==> flow/design.v <==
module scratch_n #(
    parameter integer D = 4,
    parameter integer DWIDTH = 40,
    parameter integer AW = $clog2(D)
) (
    input  clk,
    input  [AW-1:0] index_in,
    input  write_in,
    input  [DWIDTH-1:0] din_in,
    output [DWIDTH-1:0] q_out
);
    reg [DWIDTH-1:0] array [0:D-1];
    always @(posedge clk)
        if (write_in) array[index_in] <= din_in;
    assign q_out = write_in ? din_in : array[index_in];
endmodule
Subject: tool reports on scratch_n

Hi,

======== Reports on scratch_n ========
Tool output for the members of one design family, told apart by "D", in the order of the flow.
The file above is the member D 4. Line numbers count from 1 in each member's own file.
Operators: Yosys type, input widths -> output width; for muxes data width and select width s.
Library cell names are shortened.
Not given: --
inputs
  design top .............................. scratch_n
  clock port .............................. clk
  standard-cell library ................... sky130hd
  corner .................................. tt_025C_1v80

======== Source of the members ========
New or changed lines of each further member against the RTL above, in its own file; lines it lacks are not shown.
new or changed lines
  D   RTL line  source
  6   2         parameter integer D = 6,
  8   2         parameter integer D = 8,
  12  2         parameter integer D = 12,
  40  2         parameter integer D = 40,

======== Word level ========
Counts by Yosys on the flattened word-level netlist (proc, flatten, opt, wreduce; memories kept). Register bits leave out memories and registers merged into their read ports (data or address); mux counts leave out enables and synchronous resets folded into registers. Print and check cells are left out. Cells with the same type and inputs are merged into one.
Yosys's memory passes give these memory sizes; they may raise the number of words (mostly to a power of two), join words into wider ones and drop unused or constant bits.
operators by class
  D   multiplexer cells
  4   4
  6   4
  8   4
  12  4
  40  4
operator list
  D   kind and count
  4   2 x $mux 40; 1 x $mux 2; 1 x $mux 1
  6   2 x $mux 40; 1 x $mux 3; 1 x $mux 1
  8   2 x $mux 40; 1 x $mux 3; 1 x $mux 1
  12  2 x $mux 40; 1 x $mux 4; 1 x $mux 1
  40  2 x $mux 40; 1 x $mux 6; 1 x $mux 1
storage and ports
  D   elaborated cells  bits in registers  bits of input ports  memories kept  RAM bits
  4   5                 0                  44                   1              160
  6   5                 0                  45                   1              240
  8   5                 0                  45                   1              320
  12  5                 0                  46                   1              480
  40  5                 0                  48                   1              1600
memory list
  D   words x width with read and write ports
  4   array 4 x 40 bit 1R1W
  6   array 6 x 40 bit 1R1W
  8   array 8 x 40 bit 1R1W
  12  array 12 x 40 bit 1R1W
  40  array 40 x 40 bit 1R1W

======== Longest topological paths ========
Depth = most cells in a row (Yosys ltp): at word level without a register or memory, in the mapped netlist without a sequential cell, where the memories' decode and read muxes count.
logic depth
  D   depth after elaboration  ABC_AREA  mapped depth  gate-level depth less buffers
  4   1                        0         6             3
  6   1                        0         6             3
  8   1                        0         7             4
  12  1                        0         7             4
  40  1                        0         11            6

======== Synthesis result ========
Yosys stat after the flow's synthesis: flattened, memories mapped to cells. It holds for the ABC_AREA given above (unset counts as 0); a run with the other value may have another netlist.
The area totals of this step are shown rounded.
synthesis totals
  D   flip-flop cells  mapped cells  sequential area (µm²)  chip area (Yosys) (µm²)
  4   160              371           4805                   6306
  6   240              528           7207                   9570
  8   320              807           9609                   13090
  12  480              1005          14410                  19040
  40  1600             3309          48050                  61430
cells by type
  D   types with counts
  4   160 x edfxtp_1; 40 x mux2i_1; 27 x o32ai_1; 27 x a211oi_1; 13 x a222oi_1; 30 x nor2_1; 13 x o21a_1; 14 x nor2b_1; 12 x buf_2; 15 x inv_1; 8 x clkbuf_1; 3 x buf_4; 1 x buf_8; 1 x buf_6; 2 x nor3_1; 1 x or3b_1; 1 x nand2b_1; 1 x or3_1; (+2)
  6   240 x edfxtp_1; 120 x mux2i_1; 40 x o22a_1; 40 x o22ai_1; 7 x buf_8; 20 x o21ai_0; 20 x o21ai_1; 4 x buf_6; 11 x clkbuf_1; 5 x buf_4; 5 x buf_2; 1 x buf_12; 2 x clkbuf_4; 2 x nand2b_1; 1 x nor3b_2; 2 x nor3_1; 1 x and4_1; 2 x inv_2; (+5)
  8   320 x edfxtp_1; 104 x mux2i_1; 64 x a21oi_1; 36 x a211oi_1; 39 x nand2b_1; 25 x o2bb2ai_1; 27 x nor2b_1; 14 x mux2_2; 28 x nor3_1; 11 x buf_6; 32 x nor2_1; 14 x a22oi_1; 12 x o31a_1; 23 x clkbuf_1; 17 x buf_2; 11 x o22ai_1; 4 x mux2_4; 5 x buf_4; (+21)
  12  480 x edfxtp_1; 125 x mux2_2; 40 x mux4_2; 80 x o22ai_1; 35 x mux2_1; 76 x a21oi_1; 40 x o31a_1; 16 x buf_6; 40 x inv_1; 28 x clkbuf_1; 9 x buf_2; 4 x a21oi_2; 9 x nor2_1; 4 x buf_4; 4 x nand2b_1; 5 x buf_1; 1 x buf_8; 2 x nand3b_1; (+7)
  40  1600 x edfxtp_1; 259 x a221oi_1; 94 x mux4_2; 174 x mux2i_1; 98 x mux2_2; 174 x nor2_1; 80 x a22oi_1; 119 x o21ai_0; 93 x buf_2; 74 x o22ai_1; 66 x a21oi_1; 84 x clkbuf_1; 82 x nand2_1; 21 x a221o_1; 24 x a22o_1; 27 x buf_4; 19 x a222oi_1; 19 x o221ai_1; (+202)
The mark (+n) counts cells that are not listed.

======== Worst setup path after synthesis ========
Source: OpenSTA report_checks on the synthesized netlist (no wires, ideal clock, input and output delay 20% of the period each), path of least setup slack; recovery checks are left aside. Register names are those of the netlist, which keeps one name where synthesis merged equal registers.
timing post-synthesis
  D   path kind     start point             end point            stages on the path  path delay (ps)  path slack (ps)  period (ps)  synthesis period reached (ps)
  4   input-to-reg  input port write_in     memory array[0][0]   5                   3773             946              5900         4954
  6   input-to-reg  input port index_in[0]  memory array[0][0]   3                   3565             891              5570         4679
  8   input-to-reg  input port write_in     memory array[4][0]   5                   3998             1003             6250         5247
  12  input-to-reg  input port index_in[3]  memory array[8][0]   4                   3943             985              6160         5175
  40  input-to-reg  input port index_in[2]  memory array[32][0]  6                   4157             1043             6500         5457
"path delay" = arrival - input delay + setup time.
"stages on the path": output pins that drive a net of the path, with the launching flip-flop's if there is one; two outputs of one cell count as two.
"synthesis period reached" = period - worst setup slack (recovery checks aside). The figure is calculated, with input and output delays left at 20% of the set period.
The rows between start and end are the longest chain of elaborated cells between them; the timing report does not say that the signal goes this way. Where chains are equally long, one stands for them.
A line is the first line of the expression or statement that the cell stems from. Yosys adds cells for indexed reads and writes and turns some case tables into memories.
D 4: Only ways into the end's enable, where the timed path ends, are counted here.
between the ends, post-synthesis, D 4
  cells in the longest elaborated chain ... 1
ends and longest elaborated chain, post-synthesis, D 4
  element      RTL line  source
  from (decl)  8         input  write_in,
  $mux 2       14        if (write_in) array[index_in] <= din_in;
  to (decl)    12        reg [DWIDTH-1:0] array [0:D-1];
between the ends, post-synthesis, D 40
  cells in the longest elaborated chain ... 1
ends and longest elaborated chain, post-synthesis, D 40
  element      RTL line  source
  from (decl)  7         input  [AW-1:0] index_in,
  $mux 6       14        if (write_in) array[index_in] <= din_in;
  to (decl)    12        reg [DWIDTH-1:0] array [0:D-1];

======== Worst path after layout ========
From the final timing report of the run of each member: the path of least setup slack in the routed layout; clock arrival at registers is part of the times.
The path's times are printed in steps of 10 ps; the period is the one set.
timing after layout
  D   path kind        start point             end point              path slack (ps)  period (ps)  stages on the path  arrival (ps)
  4   input-to-output  input port index_in[1]  output port q_out[8]   1050             5900         6                   3670
  6   input-to-output  input port index_in[1]  output port q_out[19]  1090             5570         6                   3360
  8   input-to-output  input port index_in[2]  output port q_out[37]  1250             6250         7                   3750
  12  input-to-output  input port index_in[2]  output port q_out[18]  1110             6160         7                   3810
  40  input-to-output  input port index_in[1]  output port q_out[7]   270              6500         10                  4930

======== Measured runs ========
One run of the flow (Yosys, OpenROAD) for each member, with settings and measured results. Input and output delays are each 20% of the period that was set; the output load is 0.01 pF.
flow settings
  CAP_MARGIN .............................. 20
  CORE_MARGIN ............................. 2
  CORE_UTILIZATION ........................ 40
  SLEW_MARGIN ............................. 20
settings by member
  D   period_ns
  4   5.9
  6   5.57
  8   6.25
  12  6.16
  40  6.5
results
  D   overall power (µW)  cell area after synthesis (µm²)  period achieved (ps)  area of the die (µm²)  setup slack of the critical path (ps)  worst hold slack in the final report (ps)  area of the standard cells in the finished layout (µm²)  final setup TNS (ps)  post-route utilization (%)
  4   2614                6306                             4847                  16790                  1053                                   1432                                       7976                                                     0                     52.1
  6   3970                9570                             4478                  25180                  1092                                   1322                                       11470                                                    0                     48.9
  8   4736                13090                            4998                  34200                  1252                                   1501                                       15410                                                    0                     47.6
  12  7117                19040                            5047                  49360                  1113                                   1523                                       22290                                                    0                     47.7
  40  21720               61430                            6235                  156700                 265                                    1358                                       71310                                                    0                     46.8
By "period achieved" is meant the clock period of the run minus its worst setup slack. This is arithmetic on one report: input and output delays are still those of the set period (20% each).
By "overall power" is meant OpenSTA's value without simulated activity: inputs other than the clock are taken to toggle once in ten clock periods, and the tool carries that through the logic.
Values from the reports are rounded here.

Regards
